==> flow/design.v <==
module plus_mod #(
  parameter W = 32
) (
  input  sys_clk,
  input  aresetn,
  input  [W-1:0] lhs_in,
  input  [W-1:0] rhs_in,
  output [W:0] sum_out
);
  reg [W-1:0] r_lhs;
  reg [W-1:0] r_rhs;
  always @(posedge sys_clk or negedge aresetn) begin
    if (~aresetn) begin
      r_lhs <= 0;
      r_rhs <= 0;
    end else begin
      r_lhs <= lhs_in;
      r_rhs <= rhs_in;
    end
  end
  assign sum_out = r_lhs + r_rhs;
endmodule
# From RTL to reports: plus_mod
# What the tools print for plus_mod, step after step.
# Lines are those of the file above, counted from 1.
# Operators carry their Yosys type and port widths (W data, S select, Z words).
# Cell names lack the library's common part.
# The mark -- stands for no value.
[design]
top_module = "plus_mod"
clock_port = "sys_clk"
library = "sky130hd"
pvt_corner = "tt_025C_1v80"

# Word level
# Yosys after proc, flatten, opt, wreduce and memory -nomap, before mapping. Enables and synchronous resets that opt folds into registers are not counted as muxes. Memory bits, and registers merged into a memory's read port (data or address), are not among the register bits. Print and check cells are not counted. Equal cells are merged and count once.
[bits]
regBits = 64
wordCells = 3
[classes]
n_addsub = 1
[op_table]
columns = ["operator", "count"]
rows = [
  ["$add A32 B32 Y33", 1],
]

# Longest topological paths
# Yosys ltp: most cells in a row. Word level: on the elaborated netlist, between registers, memories and ports. Mapped: between sequential cells and ports; inverters and the memories' decode and read muxes count.
[depth]
word_depth = 1
ABC_AREA = 0
depth_mapped = 8
depth_no_buf = 8

# After synthesis
# The flow's flattened synthesis, as Yosys stat reports it; memories are mapped. The netlist is that of the ABC_AREA named above (0 if unset); the other value can give another one.
[synth_totals]
mapped_cells = 334
sequential_area_mm2 = 0.0016015
flip_flops = 64
yosys_area_mm2 = 0.0035146
[types]
columns = ["cell", "count", "area_total_um2"]
rows = [
  ["dfrtp_1", 64, 1.6E+03],
  ["ha_1", 32, 400.384],
  ["a21oi_1", 32, 160.154],
  ["xnor2_1", 16, 140.134],
  ["a21o_1", 14, 105.101],
  ["xor2_1", 11, 96.342],
  ["nor2_1", 22, 82.579],
  ["nand2_1", 18, 67.565],
  ["o211ai_1", 8, 60.058],
  ["o21ai_0", 12, 60.058],
  ["nand3_1", 11, 55.053],
  ["a211oi_1", 7, 52.55],
  ["nor3_1", 9, 45.043],
  ["buf_6", 3, 33.782],
  ["a31oi_1", 5, 31.28],
  ["and3_1", 5, 31.28],
  ["o21a_1", 4, 30.029],
  ["o41ai_4", 1, 27.526],
]
# Other cell types: 34; their cells: 60.

# Timing after synthesis
# Source: OpenSTA report_checks on the synthesized netlist (no wires, ideal clock, input and output delay 20% of the period each), path of least setup slack; recovery checks are left aside. Register names are those of the netlist, which keeps one name where synthesis merged equal registers.
[synth_path]
kind = "reg2out"
start = "register r_lhs[26]"
end = "output port sum_out[31]"
driving_pins = 9
period_ns = 3.6
slack_ns = 0.579
output_delay_ns = 0.720
delay_ns = 2.301
launch_ns = 0.000
t_arrival_ns = 2.301
required_ns = 2.880
n_path_buf = 1
synth_period_reached_ns = 3.021
# "delay_ns" is the arrival time less input delay plus setup time.
# A path that ends at an output port has no setup time.
# "driving_pins": output pins that drive a net of the path, with the launching flip-flop's if there is one; two outputs of one cell count as two.
# "synth_period_reached_ns" = period - worst setup slack (recovery checks aside). The figure is calculated, with input and output delays left at 20% of the set period.
# The rows between start and end are the longest chain of elaborated cells between them; the timing report does not say that the signal goes this way. Where chains are equally long, one stands for them.
# Each line given opens the expression or statement behind the cell; cells for indexed reads and writes are added by Yosys, which also makes memories of some case tables.
[synth_via]
cell_sequence = "dfrtp_1 ha_1 buf_6 and2_4 a311o_1 o41ai_4 mux2_2 a221oi_1 and3b_1"
elab_chain_cells = 1
cone_cells = 1
lines_between = 1
classes_between = "1 x add/sub"
[synth_rtl]
columns = ["element", "line_no", "source"]
rows = [
  ["start, declared", 10, "reg [W-1:0] r_lhs;"],
  ["start, assigned", 14, "r_lhs <= 0;"],
  ["start, assigned", 17, "r_lhs <= lhs_in;"],
  ["$add A32 B32 Y33", 21, "assign sum_out = r_lhs + r_rhs;"],
  ["end, declared", 8, "output [W:0] sum_out"],
]

# Timing after layout
# From the final timing report of run 1: the path of least setup slack in the routed layout; clock arrival at registers is part of the times.
[layout_path]
kind = "reg2out"
start = "register r_lhs[10]"
end = "output port sum_out[15]"
t_arrival_ns = 2.78
required_ns = 2.88
period_ns = 3.6
driving_pins = 8
launch_ns = 0.34
slack_ns = 0.10
output_delay_ns = 0.72
n_path_buf = 2
# The rows between start and end are the longest chain of elaborated cells between them; the timing report does not say that the signal goes this way. Where chains are equally long, one stands for them.
[layout_via]
cell_sequence = "dfrtp_1 ha_1 buf_4 a21o_1 nor4_4 a21o_1 xnor2_1 clkdlybuf4s50_1"
elab_chain_cells = 1
cone_cells = 1
lines_between = 1
classes_between = "1 x add/sub"
[layout_rtl]
columns = ["element", "line_no", "source"]
rows = [
  ["start, declared", 10, "reg [W-1:0] r_lhs;"],
  ["start, assigned", 14, "r_lhs <= 0;"],
  ["start, assigned", 17, "r_lhs <= lhs_in;"],
  ["$add A32 B32 Y33", 21, "assign sum_out = r_lhs + r_rhs;"],
  ["end, declared", 8, "output [W:0] sum_out"],
]

# Record of 3 stored runs of the RTL-to-layout flow on plus_mod, platform sky130hd. The runs are unordered. Constraints: input delay and output delay 20% of the set period each, output load 0.01 pF.
# "period_reached_ns" is the run's clock period less its worst setup slack. It is reckoned from that one timing run; input and output delays stay at 20% of the period that was set.
# "timing.worst_path_ns": the worst setup path's part of the clock period (all of it between registers, 20% less for each end at a port) less its slack. A launch clock that arrives late makes it longer, a capture clock that arrives late makes it shorter.
# "design_power_mw" rests on the timing tool's default activity at the inputs, not on a simulated workload.

[[run]]
name = "run 1"
[run.settings]
period_ns = 3.6
CAP_MARGIN = 20
CORE_MARGIN = 2
CORE_UTILIZATION = 40
SLEW_MARGIN = 20
[run.results]
post_synth_area_mm2 = 0.0035146
die_footprint_mm2 = 0.0095521
finish.stdcell_area_mm2 = 0.00519
fin_util_frac = 0.601
final_setup_ws_ns = 0.100
tns_ns = 0.000
design_power_mw = 2.058
period_reached_ns = 3.500
timing.worst_path_ns = 2.78
worst_setup_path_type = "reg2out"

[[run]]
name = "run 2"
[run.settings]
period_ns = 4.52
CORE_UTILIZATION = 42
SETUP_SLACK_MARGIN = 0.99
PLACE_DENSITY_LB_ADDON = 0.2
CORE_ASPECT_RATIO = 1.41
CELL_PAD_IN_SITES_GLOBAL_PLACEMENT = 1
GPL_ROUTABILITY_DRIVEN = 0
CTS_CLUSTER_SIZE = 13
CAP_MARGIN = 20
CORE_MARGIN = 2
SLEW_MARGIN = 20
[run.results]
post_synth_area_mm2 = 0.0035146
die_footprint_mm2 = 0.0091271
finish.stdcell_area_mm2 = 0.0055003
fin_util_frac = 0.679
final_setup_ws_ns = 0.862
tns_ns = 0.000
design_power_mw = 1.916
period_reached_ns = 3.658
timing.worst_path_ns = 2.75
worst_setup_path_type = "reg2out"

[[run]]
name = "run 3"
[run.settings]
period_ns = 4.24
CORE_UTILIZATION = 42
SETUP_SLACK_MARGIN = 0.5
PLACE_DENSITY_LB_ADDON = 0.18
CELL_PAD_IN_SITES_GLOBAL_PLACEMENT = 1
TNS_END_PERCENT = 15
GPL_TIMING_DRIVEN = 1
GPL_ROUTABILITY_DRIVEN = 1
CTS_CLUSTER_SIZE = 60
CTS_CLUSTER_DIAMETER = 331
CAP_MARGIN = 5
SLEW_MARGIN = 5
MAX_ROUTING_LAYER = "met4"
CORE_MARGIN = 2
[run.results]
post_synth_area_mm2 = 0.0035146
die_footprint_mm2 = 0.0091155
finish.stdcell_area_mm2 = 0.0049585
fin_util_frac = 0.607
final_setup_ws_ns = 0.295
tns_ns = 0.000
design_power_mw = 1.849
period_reached_ns = 3.945
timing.worst_path_ns = 3.10
worst_setup_path_type = "reg2out"
